==> flow/design.v <==
module dp_arith_add_mod #(
  parameter integer WD = 40
) (
  input wire aclk,
  input wire srst,
  input wire [WD-1:0] in0,
  input wire [WD-1:0] in1,
  input wire carry_in,
  output wire [WD-1:0] o,
  output wire carry_out
);
  wire [WD:0] r = in0 + in1 + carry_in;
  reg [WD-1:0] o_d1;
  always @(posedge aclk) begin
    if (srst) begin
      o_d1 <= 0;
    end else begin
      o_d1 <= r[WD-1:0];
    end
  end
  assign o = o_d1;
  reg carry_out_d1;
  always @(posedge aclk) begin
    if (srst) begin
      carry_out_d1 <= 1'b0;
    end else begin
      carry_out_d1 <= r[WD];
    end
  end
  assign carry_out = carry_out_d1;
endmodule
# Reports on dp_arith_add_mod
# What the tools print for dp_arith_add_mod, step after step.
# Lines are those of the file above, counted from 1.
# Library cell names are shortened.
# The mark n/a stands for no value.
# inputs
design	dp_arith_add_mod
clk_port	aclk
library	sky130hd
corner	tt_025C_1v80

# Word-level counts
# Counts by Yosys on the flattened word-level netlist (proc, flatten, opt, wreduce; memories kept). Register bits leave out memories and registers merged into their read ports (data or address); mux counts leave out enables and synchronous resets folded into registers. Print and check cells are left out. Cells with the same type and inputs are merged into one.
# op_classes
add_sub_neg	2
# op_table
cell	count
40-bit by 40-bit adder with 41-bit output	1
41-bit by 1-bit adder with 41-bit output	1
# word_totals
elab_cells	4
reg_bits	41
inputBits	83
output_inout_bits	41

# Longest topological paths
# Depth = most cells in a row (Yosys ltp): at word level without a register or memory, in the mapped netlist without a sequential cell, where the memories' decode and read muxes count.
# logic_depth
depth_word	2
abc_area	0
ltp_mapped	9
ltp_nobuf	9

# Netlist
# Source: synth_stat.txt of the flow (Yosys; design flattened, memories mapped). It holds for the ABC_AREA given above (unset counts as 0); a run with the other value may have another netlist.
# Totals and module areas in this step are rounded.
# synth_totals
mapped_cells	446
ffs	41
n_buf	22
area_mm2	0.003568
# types
cell	count
dfxtp_1	41
ha_1	39
a21oi_1	50
nor2_1	51
xnor2_1	14
nand2_1	31
nor2b_1	17
xor2_1	11
o21ai_0	19
a21o_1	12
a2111oi_4	3
nand4_1	12
mux2_1	6
o211ai_1	9
nand3_1	13
o21bai_1	8
o21ai_1	11
o21a_1	7
# Not listed: further types 37, cells in them 92.

# Path before layout
# Path of least setup slack by OpenSTA after synthesis, without wires, with an ideal clock, recovery checks aside; 20% of the period is set as input and as output delay. Where synthesis merged equal registers, the netlist keeps one of their names.
# synth_timing
kind	in2reg
startpoint	input port in0[0]
endpoint	register o_d1[34]
n_path_buf	0
path_delay_ns	2.447
arrival_ns	3.088
required_ns	3.697
path_slack_ns	0.608
input_delay_ns	0.764
period_ns	3.82
t_first_pin_ns	0.764
stages	9
setup_time_ns	0.123
period_less_setup_slack_ns	3.212
# "path_delay_ns" is the arrival time less input delay plus setup time.
# "stages" counts driving pins, that of a launching flip-flop among them; a cell with two outputs on the path counts twice.
# "period_less_setup_slack_ns" = period - worst setup slack (recovery checks aside). The figure is calculated, with input and output delays left at 20% of the set period.
# The rows between start and end are the longest chain of elaborated cells between them; the timing report does not say that the signal goes this way. Where chains are equally long, one stands for them.
# Each line given opens the expression or statement behind the cell; cells for indexed reads and writes are added by Yosys, which also makes memories of some case tables.
# synth_between
cell_sequence	fa_1 -> fa_1 -> a211oi_2 -> o21ai_1 -> o21ai_2 -> a2111oi_4 -> a2111oi_0 -> o21ai_1 -> mux2_1
elab_chain_len	2
cone_cells	2
cone_classes	add/sub (2)
# synth_lines
element	line_no	rtl
start: declaration	6	input wire [WD-1:0] in0,
40-bit by 40-bit adder with 41-bit output	12	wire [WD:0] r = in0 + in1 + carry_in;
41-bit by 1-bit adder with 41-bit output	12
end: assignment	16	o_d1 <= 0;
end: assignment	18	o_d1 <= r[WD-1:0];
end: declaration	13	reg [WD-1:0] o_d1;

# Path in the finished layout
# From the final timing report of flow run 1: the path of least setup slack in the routed layout; clock arrival at registers is part of the times.
# layout_timing
kind	in2reg
startpoint	input port carry_in
endpoint	register o_d1[10]
stages	11
arrival_ns	3.24
t_first_pin_ns	0.76
period_ns	3.79
setup_time_ns	0.13
input_delay_ns	0.76
n_path_buf	2
path_slack_ns	0.73
required_ns	3.97
# The rows between start and end are the longest chain of elaborated cells between them; the timing report does not say that the signal goes this way. Where chains are equally long, one stands for them.
# layout_between
cell_sequence	buf_6 -> fa_2 -> fa_2 -> a211oi_4 -> buf_4 -> o21a_1 -> o21ai_0 -> a21o_1 -> a21oi_1 -> xor2_1 -> nor2_1
elab_chain_len	1
cone_cells	1
cone_classes	add/sub (1)
# layout_lines
element	line_no	rtl
start: declaration	8	input wire carry_in,
41-bit by 1-bit adder with 41-bit output	12	wire [WD:0] r = in0 + in1 + carry_in;
end: assignment	16	o_d1 <= 0;
end: assignment	18	o_d1 <= r[WD-1:0];
end: declaration	13	reg [WD-1:0] o_d1;

# Top module dp_arith_add_mod; platform sky130hd; tools Yosys and OpenROAD; 3 stored runs in no particular order. Input and output delays are each 20% of the period that was set; the output load is 0.01 pF.
# "achievedPeriod_ns": clock period set for the run, less the worst setup slack. It is reckoned from that one timing run; input and output delays stay at 20% of the period that was set.
# "worst_path_time_ns" means the part of the period allowed to the worst setup path (the constraints hold back 20% at inputs and 20% at outputs) less its slack; where the path has registers, the arrival times of their clocks count too.
# "power.total_mw": no workload was simulated; the value follows from the tool's default switching activity.
# Values from the reports are rounded here.
# Settings: -- = not set for that run.
# A result given as -- is not shown for that run.
stored run	period_ns	CORE_UTILIZATION	SETUP_SLACK_MARGIN	PLACE_DENSITY_LB_ADDON	CORE_ASPECT_RATIO	CORE_MARGIN	GPL_TIMING_DRIVEN	CTS_CLUSTER_SIZE	SLEW_MARGIN	CAP_MARGIN	CELL_PAD_IN_SITES_GLOBAL_PLACEMENT	CELL_PAD_IN_SITES_DETAIL_PLACEMENT	TNS_END_PERCENT	achievedPeriod_ns	power.total_mw	stdcell_area_mm2	holdWs_ns	worst_setup_slack_ns	dieArea_mm2	utilization_pct	synthArea_mm2	worst_path_time_ns	worstPathKind	tns_setup_ns
flow run 1	3.79	50	0.78	0.21	1.38	4	0	69	10	20	--	--	--	3.060	1.774	0.005552	0.837	0.730	0.00857	81.3	0.003568	2.30	in2reg	0.000
flow run 2	3.82	40	--	--	--	2	--	--	20	20	--	--	--	3.582	1.519	0.00494	1.100	0.238	0.009692	56.9	0.003568	2.82	in2reg	0.000
flow run 3	5.67	43	--	--	--	2	1	--	15	20	1	2	10	--	--	--	--	--	--	--	--	--	--	--
# Flow run 3: stopped before the end: placement reported DPL-0033
